==> flow/design.v <==
module gen_mult_p #(
  parameter integer BITS = 7
) (
  input  wire clock,
  input  wire srst,
  input  wire step,
  input  wire [BITS-1:0] in0_i,
  input  wire [BITS-1:0] in1_i,
  input  wire [2*BITS-1:0] in2_i,
  output reg [2*BITS:0] p_o
);
  always @(posedge clock) begin
    if (srst) begin
      p_o <= 0;
    end else if (step) begin
      p_o <= in0_i * in1_i + in2_i;
    end
  end
endmodule
# ---- Step by step through the tools: gen_mult_p
# The steps from the RTL of gen_mult_p to its reports follow in flow order.
# Lines are those of the file above, counted from 1.
# Operators: Yosys type, input widths -> output width; for muxes data width and select width s.
# Library cell names are shortened.
# Not given: -
dict set report inputs {
  top {gen_mult_p}
  clock_port {clock}
  library {sky130hd}
  pvt_corner {tt_025C_1v80}
}

# ---- Elaborated design
# Source: Yosys, flattened and elaborated, memories not mapped. Widths are those after wreduce; folded enables and synchronous resets count as part of the registers. Registers that Yosys merges into a memory's read port (data or address) are not register bits. Print and check cells do not count. Equal cells are merged and count once.
dict set report bits {
  reg_bits 15
  inputBits 31
  output_inout_bits 15
}
dict set report op_classes {
  add_sub_neg 1
  mul 1
}
# op count
set op_table {}
lappend op_table {{$mul 7x7->14} 1}
lappend op_table {{$add 14x14->15} 1}

# ---- Logic depth
# Depth = most cells in a row (Yosys ltp): at word level without a register or memory, in the mapped netlist without a sequential cell, where the memories' decode and read muxes count.
dict set report logic_depth {
  word_depth 2
  ABC_AREA 0
  ltp_mapped 16
  mapped_depth_nobuf 15
}

# ---- Synthesis result
# Yosys stat after the flow's synthesis: flattened, memories mapped to cells. It holds for the ABC_AREA given above (unset counts as 0); a run with the other value may have another netlist.
dict set report synth_totals {
  stdcells 308
  synth_area_um2 2616.3
  seq_area_um2 300.3
  flip_flops 15
}
# type count
set types {}
lappend types {fa_1 37}
lappend types {ha_1 34}
lappend types {dfxtp_1 15}
lappend types {inv_1 74}
lappend types {and2_1 31}
lappend types {nand2_1 23}
lappend types {a21oi_1 15}
lappend types {mux2i_1 5}
lappend types {nor2_1 12}
lappend types {a21o_1 5}
lappend types {nand3_1 6}
lappend types {nand4_1 4}
lappend types {o21ai_0 5}
lappend types {or4_1 3}
lappend types {a32o_1 2}
lappend types {nand2b_1 3}
lappend types {xnor2_1 2}
lappend types {a211oi_1 2}
# Not listed: further types 21, cells in them 30.

# ---- Worst setup path after synthesis
# Source: OpenSTA report_checks on the synthesized netlist (no wires, ideal clock, input and output delay 20% of the period each), path of least setup slack; recovery checks are left aside. Register names are those of the netlist, which keeps one name where synthesis merged equal registers.
dict set report synth_path {
  kind {input port to flip-flop}
  from {in in1_i[3]}
  to {reg p_o[11]}
  period_ns 6.3
  setup_time_ns 0.117
  t_first_pin_ns 1.260
  t_arrival_ns 5.178
  required_time_ns 6.183
  slack_ns 1.005
  delay_ns 4.035
  driving_pins 15
  path_buffers 0
  synth_period_reached_ns 5.295
}
# "delay_ns" = arrival - input delay + setup time.
# "driving_pins" counts driving pins, that of a launching flip-flop among them; a cell with two outputs on the path counts twice.
# "synth_period_reached_ns" is the clock period less the worst setup slack; recovery checks do not enter. This is arithmetic on one report: input and output delays are still those of the set period (20% each).
# Between the ends stands the longest chain of elaborated cells between them, by number of cells; it is not shown to be the way that was timed. Of several equally long chains one is given.
# Each line given opens the expression or statement behind the cell; cells for indexed reads and writes are added by Yosys, which also makes memories of some case tables.
dict set report synth_between {
  path_cell_list {and2_1 fa_1 inv_1 fa_1 inv_1 fa_1 inv_1 fa_1 inv_1 ha_1 a21o_1 a31oi_1 a21oi_1 or4_1 a32o_1}
  elab_chain_len 2
  cells_between 2
  cone_classes {add/sub: 1; mul: 1}
}
# item line
set synth_rtl {}
lappend synth_rtl {{start, declared} 8} ;# input  wire [BITS-1:0] in1_i,
lappend synth_rtl {{$mul 7x7->14} 16} ;# p_o <= in0_i * in1_i + in2_i;
lappend synth_rtl {{$add 14x14->15} 16}
lappend synth_rtl {{end, assigned} 14} ;# p_o <= 0;
lappend synth_rtl {{end, assigned} 16}
lappend synth_rtl {{end, declared} 10} ;# output reg [2*BITS:0] p_o

# ---- Worst path after layout
# From the final timing report of stored run 1: the path of least setup slack in the routed layout; clock arrival at registers is part of the times.
dict set report layout_path {
  kind {input port to flip-flop}
  from {in in1_i[3]}
  to {reg p_o[11]}
  period_ns 6.3
  setup_time_ns 0.10
  t_first_pin_ns 1.26
  t_arrival_ns 5.98
  required_time_ns 6.44
  slack_ns 0.46
  driving_pins 16
  path_buffers 1
}
# Between the ends stands the longest chain of elaborated cells between them, by number of cells; it is not shown to be the way that was timed. Of several equally long chains one is given.
dict set report layout_between {
  path_cell_list {clkdlybuf4s50_1 and2_1 fa_1 inv_1 fa_1 inv_1 fa_1 inv_1 fa_1 inv_1 ha_1 a21o_1 a31oi_1 a21oi_1 or4_1 a32o_1}
  elab_chain_len 2
  cells_between 2
  cone_classes {add/sub: 1; mul: 1}
}
# item line
set layout_rtl {}
lappend layout_rtl {{start, declared} 8} ;# input  wire [BITS-1:0] in1_i,
lappend layout_rtl {{$mul 7x7->14} 16} ;# p_o <= in0_i * in1_i + in2_i;
lappend layout_rtl {{$add 14x14->15} 16}
lappend layout_rtl {{end, assigned} 14} ;# p_o <= 0;
lappend layout_rtl {{end, assigned} 16}
lappend layout_rtl {{end, declared} 10} ;# output reg [2*BITS:0] p_o

# Measured results for gen_mult_p: 3 stored runs of the Yosys and OpenROAD flow on sky130hd. The settings differ; the order carries no meaning. The constraints put input and output delay at 20% of the set period each and load the outputs with 0.01 pF.
# "period_less_ws_ns" means the clock period less the worst setup slack. The figure is calculated, with input and output delays left at 20% of the set period.
# "worst_path_allowed_less_slack_ns" = time allowed to the worst setup path (clock period - input delay - output delay, where it has them) - its slack; a late launch clock adds to it, a late capture clock takes from it.
run="stored run 1" settings period_ns=6.3 CAP_MARGIN=20 CORE_MARGIN=2 CORE_UTILIZATION=40 SLEW_MARGIN=20
run="stored run 1" results worst_path_allowed_less_slack_ns=4.58 critical_path_type="input port to flip-flop" post_route_stdcell_area_um2=3196.8 total_die_area_um2=7203.8 period_less_ws_ns=5.842 synthesis_area_um2=2616.3 fin_ws_ns=0.458
run="stored run 2" settings period_ns=4.82 CORE_UTILIZATION=70 PLACE_DENSITY_LB_ADDON=0.08 CELL_PAD_IN_SITES_GLOBAL_PLACEMENT=1 TNS_END_PERCENT=15 GPL_ROUTABILITY_DRIVEN=0 CTS_CLUSTER_DIAMETER=322 CAP_MARGIN=10 MIN_ROUTING_LAYER="met1" CORE_MARGIN=2 SLEW_MARGIN=20
run="stored run 2" outcome="stopped before the end: placement reported FLW-0024"
run="stored run 3" settings period_ns=5.48 CORE_UTILIZATION=64 SETUP_SLACK_MARGIN=0.62 CORE_MARGIN=2 ABC_AREA=0 CTS_CLUSTER_SIZE=95 CTS_CLUSTER_DIAMETER=353 MAX_ROUTING_LAYER="met5" CAP_MARGIN=20 SLEW_MARGIN=20
run="stored run 3" results worst_path_allowed_less_slack_ns=3.77 critical_path_type="input port to flip-flop" post_route_stdcell_area_um2=3399.5 total_die_area_um2=4615.2 period_less_ws_ns=4.864 synthesis_area_um2=2616.3 fin_ws_ns=0.616
